==> flow/design.v <==
module core_multiplier_top_add_row #(parameter N = 4) (
    input wire [N-1:0] a,
    input wire sel,
    input wire [N-1:0] pin,
    output wire [N:0] pout
);
    assign pout = pin + (a & {N{sel}});
endmodule
module core_multiplier_top #(
    parameter WD = 5
) (
    input wire CLK,
    input wire RSTN,
    input wire ce,
    input wire [WD-1:0] A,
    input wire [WD-1:0] B,
    output wire [2*WD-1:0] result
);
    reg [WD-1:0] A_r;
    always @(posedge CLK) begin
        if (~RSTN) begin
            A_r <= 0;
        end else if (ce) begin
            A_r <= A;
        end
    end
    reg [WD-1:0] B_r;
    always @(posedge CLK) begin
        if (~RSTN) begin
            B_r <= 0;
        end else if (ce) begin
            B_r <= B;
        end
    end
    wire [WD:0] n_ [0:WD];
    wire [WD-1:0] lo;
    assign n_[0] = 0;
    genvar k;
    generate
        for (k = 0; k < WD; k = k + 1) begin : stage
            core_multiplier_top_add_row #(.N(WD)) unit (.a(A_r), .sel(B_r[k]), .pin(n_[k][WD:1]), .pout(n_[k+1]));
            assign lo[k] = n_[k+1][0];
        end
    endgenerate
    assign result = {n_[WD][WD:1], lo};
endmodule
# From RTL to reports: core_multiplier_top
# The steps from the RTL of core_multiplier_top to its reports follow in flow order.
# Line numbers count from 1 in the design file above.
# Operators: Yosys type, input widths -> output width; for muxes data width and select width s.
# Cell names lack the library's common part.
# Not given: --
# setup
top_module	core_multiplier_top
clk_port	CLK
library	sky130hd
pvt_corner	tt_025C_1v80

# Elaborated design
# Source: Yosys, flattened and elaborated, memories not mapped. Widths are those after wreduce; folded enables and synchronous resets count as part of the registers. Registers that Yosys merges into a memory's read port (data or address) are not register bits. Print and check cells do not count. Equal cells are merged and count once.
# op_classes
addsub	4
multipliers	0
div	0
cmp	0
equal	0
shift	0
n_mux	0
n_logic	5
n_reduce_logical	0
# op_table
cell	count
$and 5x5->5	5
$add 5x6->6	3
$add 4x6->6	1
# word_totals
register_bits	10
latch_bits	0
mem_bits_rw	0
mem_bits_ro	0
clocked_rd_ports_x_width	0
memories	0
input_bits	13
output_inout_bits	10

# Depth
# Longest topological path by Yosys (ltp), each cell counted once; first at word level (registers and memories cut), then after technology mapping (sequential cells cut; the memories' decode and read muxes count).
# logic_depth
depth_word	5
ABC_AREA	0
depth_mapped	17

# Synthesis result
# Yosys stat after the flow's synthesis: flattened, memories mapped to cells. It holds for the ABC_AREA given above (unset counts as 0); a run with the other value may have another netlist.
# Totals and module areas in this step are rounded.
# mapped
stdcells	128
synth_area_um2	1200
sequential_area_um2	200
flip_flops	10
# types
type	count	area_total_um2
ha_1	20	250.24
dfxtp_1	10	200.192
and2_1	23	143.888
mux2i_1	10	100.096
fa_1	4	80.077
xnor2_1	8	70.067
nor2b_1	10	62.56
xor2_1	4	35.034
a21oi_2	3	26.275
a21oi_1	5	25.024
a21o_1	3	22.522
nor2_1	6	22.522
a211o_1	2	17.517
o21ai_2	2	17.517
inv_1	4	15.014
o211ai_1	2	15.014
a211oi_2	1	12.512
nand2_1	3	11.261
# Other cell types: 6; their cells: 8.
# By module: a second synthesis without flattening, with its own total; a netlist apart from the flattened one above.
# unflattened
cells_unflattened	142
area_unflattened_um2	1300
# Each row is one instance without its submodules.
# modules
module	n_inst	cells	area_um2	seq_area_um2
core_multiplier_top_add_row #(N=5)	5	22	190	0.0
core_multiplier_top	1	32	380	200

# Worst setup path after synthesis
# OpenSTA on the mapped netlist: ideal clock, no wires. The path of least setup slack (recovery checks aside). Input and output delay are each 20% of the period. Register names are those of the netlist, which keeps one name where synthesis merged equal registers.
# synth_path
kind	reg-to-output
start	register B_r[1]
end	output result[8]
tclk_ns	5.6
output_delay_ns	1.120
t_first_pin_ns	0.000
t_arrival_ns	3.583
slack_ns	0.897
delay_ns	3.583
stages	14
path_buffers	0
synth_period_reached_ns	4.703
# "delay_ns" is the arrival time less input delay plus setup time.
# At an output port there is no setup time.
# "stages" counts driving pins, that of a launching flip-flop among them; a cell with two outputs on the path counts twice.
# "synth_period_reached_ns" is the clock period less the worst setup slack; recovery checks do not enter. This is arithmetic on one report: input and output delays are still those of the set period (20% each).
# Between the ends stands the longest chain of elaborated cells between them, by number of cells; it is not shown to be the way that was timed. Of several equally long chains one is given.
# Each line given opens the expression or statement behind the cell; cells for indexed reads and writes are added by Yosys, which also makes memories of some case tables.
# synth_via
path_cell_list	dfxtp_1 > and2_1 > ha_1 > fa_1 > xor2_1 > fa_1 > ha_1 > fa_1 > ha_1 > inv_1 > fa_1 > nand2b_1 > a21oi_1 > xor2_1
elab_chain_len	5
cells_between	5
cone_classes	add/sub: 4; logic: 1
# synth_rtl
element	line_no	source
start: declaration	27	reg [WD-1:0] B_r;
start: assignment	30	B_r <= 0;
start: assignment	32	B_r <= B;
$and 5x5->5	7	assign pout = pin + (a & {N{sel}});
$add 4x6->6	7
$add 5x6->6 (3 in a row)	7
end: declaration	17	output wire [2*WD-1:0] result

# Path in the finished layout
# From the final timing report of flow run 1: the path of least setup slack in the routed layout; clock arrival at registers is part of the times.
# layout_path
kind	reg-to-output
start	register B_r[0]
end	output result[8]
tclk_ns	5.6
output_delay_ns	1.12
t_first_pin_ns	0.25
t_arrival_ns	4.19
slack_ns	0.29
stages	15
path_buffers	1
# Between the ends stands the longest chain of elaborated cells between them, by number of cells; it is not shown to be the way that was timed. Of several equally long chains one is given.
# layout_via
path_cell_list	dfxtp_2 > and2_1 > ha_1 > fa_2 > ha_1 > fa_1 > ha_1 > fa_1 > ha_1 > inv_1 > fa_1 > nand2b_1 > a21oi_2 > xor2_1 > dlygate4sd2_1
elab_chain_len	5
cells_between	5
cone_classes	add/sub: 4; logic: 1
# layout_rtl
element	line_no	source
start: declaration	27	reg [WD-1:0] B_r;
start: assignment	30	B_r <= 0;
start: assignment	32	B_r <= B;
$and 5x5->5	7	assign pout = pin + (a & {N{sel}});
$add 4x6->6	7
$add 5x6->6 (3 in a row)	7
end: declaration	17	output wire [2*WD-1:0] result

# 3 stored runs of core_multiplier_top in the flow (synthesis by Yosys, layout by OpenROAD, sky130hd cells), in arbitrary order. Constraints: input delay and output delay 20% of the set period each, output load 0.01 pF.
# "achieved_clock_period_ns" means the clock period less the worst setup slack. The figure is calculated, with input and output delays left at 20% of the set period.
# "worst_path_ns" means the part of the period allowed to the worst setup path (the constraints hold back 20% at inputs and 20% at outputs) less its slack; where the path has registers, the arrival times of their clocks count too.
# "totalPower_uw" is the tool's figure for a default switching activity; nothing was simulated.
# Results are given in rounded form.
# Among the settings, - means not set for that run.
# Among the results, - means that no value is shown for the run.
name,flow run 1,flow run 2,flow run 3
period_ns,5.6,4.29,7.38
CAP_MARGIN,20,5,20
CORE_MARGIN,2,2,2
CORE_UTILIZATION,40,40,63
SLEW_MARGIN,20,20,20
SETUP_SLACK_MARGIN,-,0.6,-0.4
PLACE_DENSITY_LB_ADDON,-,0.24,-
CORE_ASPECT_RATIO,-,0.58,-
GPL_TIMING_DRIVEN,-,0,-
MIN_ROUTING_LAYER,-,met2,-
MAX_ROUTING_LAYER,-,met4,met5
CELL_PAD_IN_SITES_DETAIL_PLACEMENT,-,-,1
synthesis_area_um2,1200,1200,-
die_um2,3400,3400,-
cell_area_final_um2,1500,1800,-
fin_util_pct,54,68,-
worst_setup_slack_ns,0.29,-0.53,-
final_setup_tns_ns,0.000,-2.0,-
worst_hold_slack_ns,0.55,0.56,-
totalPower_uw,170,280,-
achieved_clock_period_ns,5.315,4.817,-
worst_path_ns,4.19,3.96,-
path_kind,reg-to-output,reg-to-output,-
# Flow run 3: stopped before the end: placement reported DPL-0033
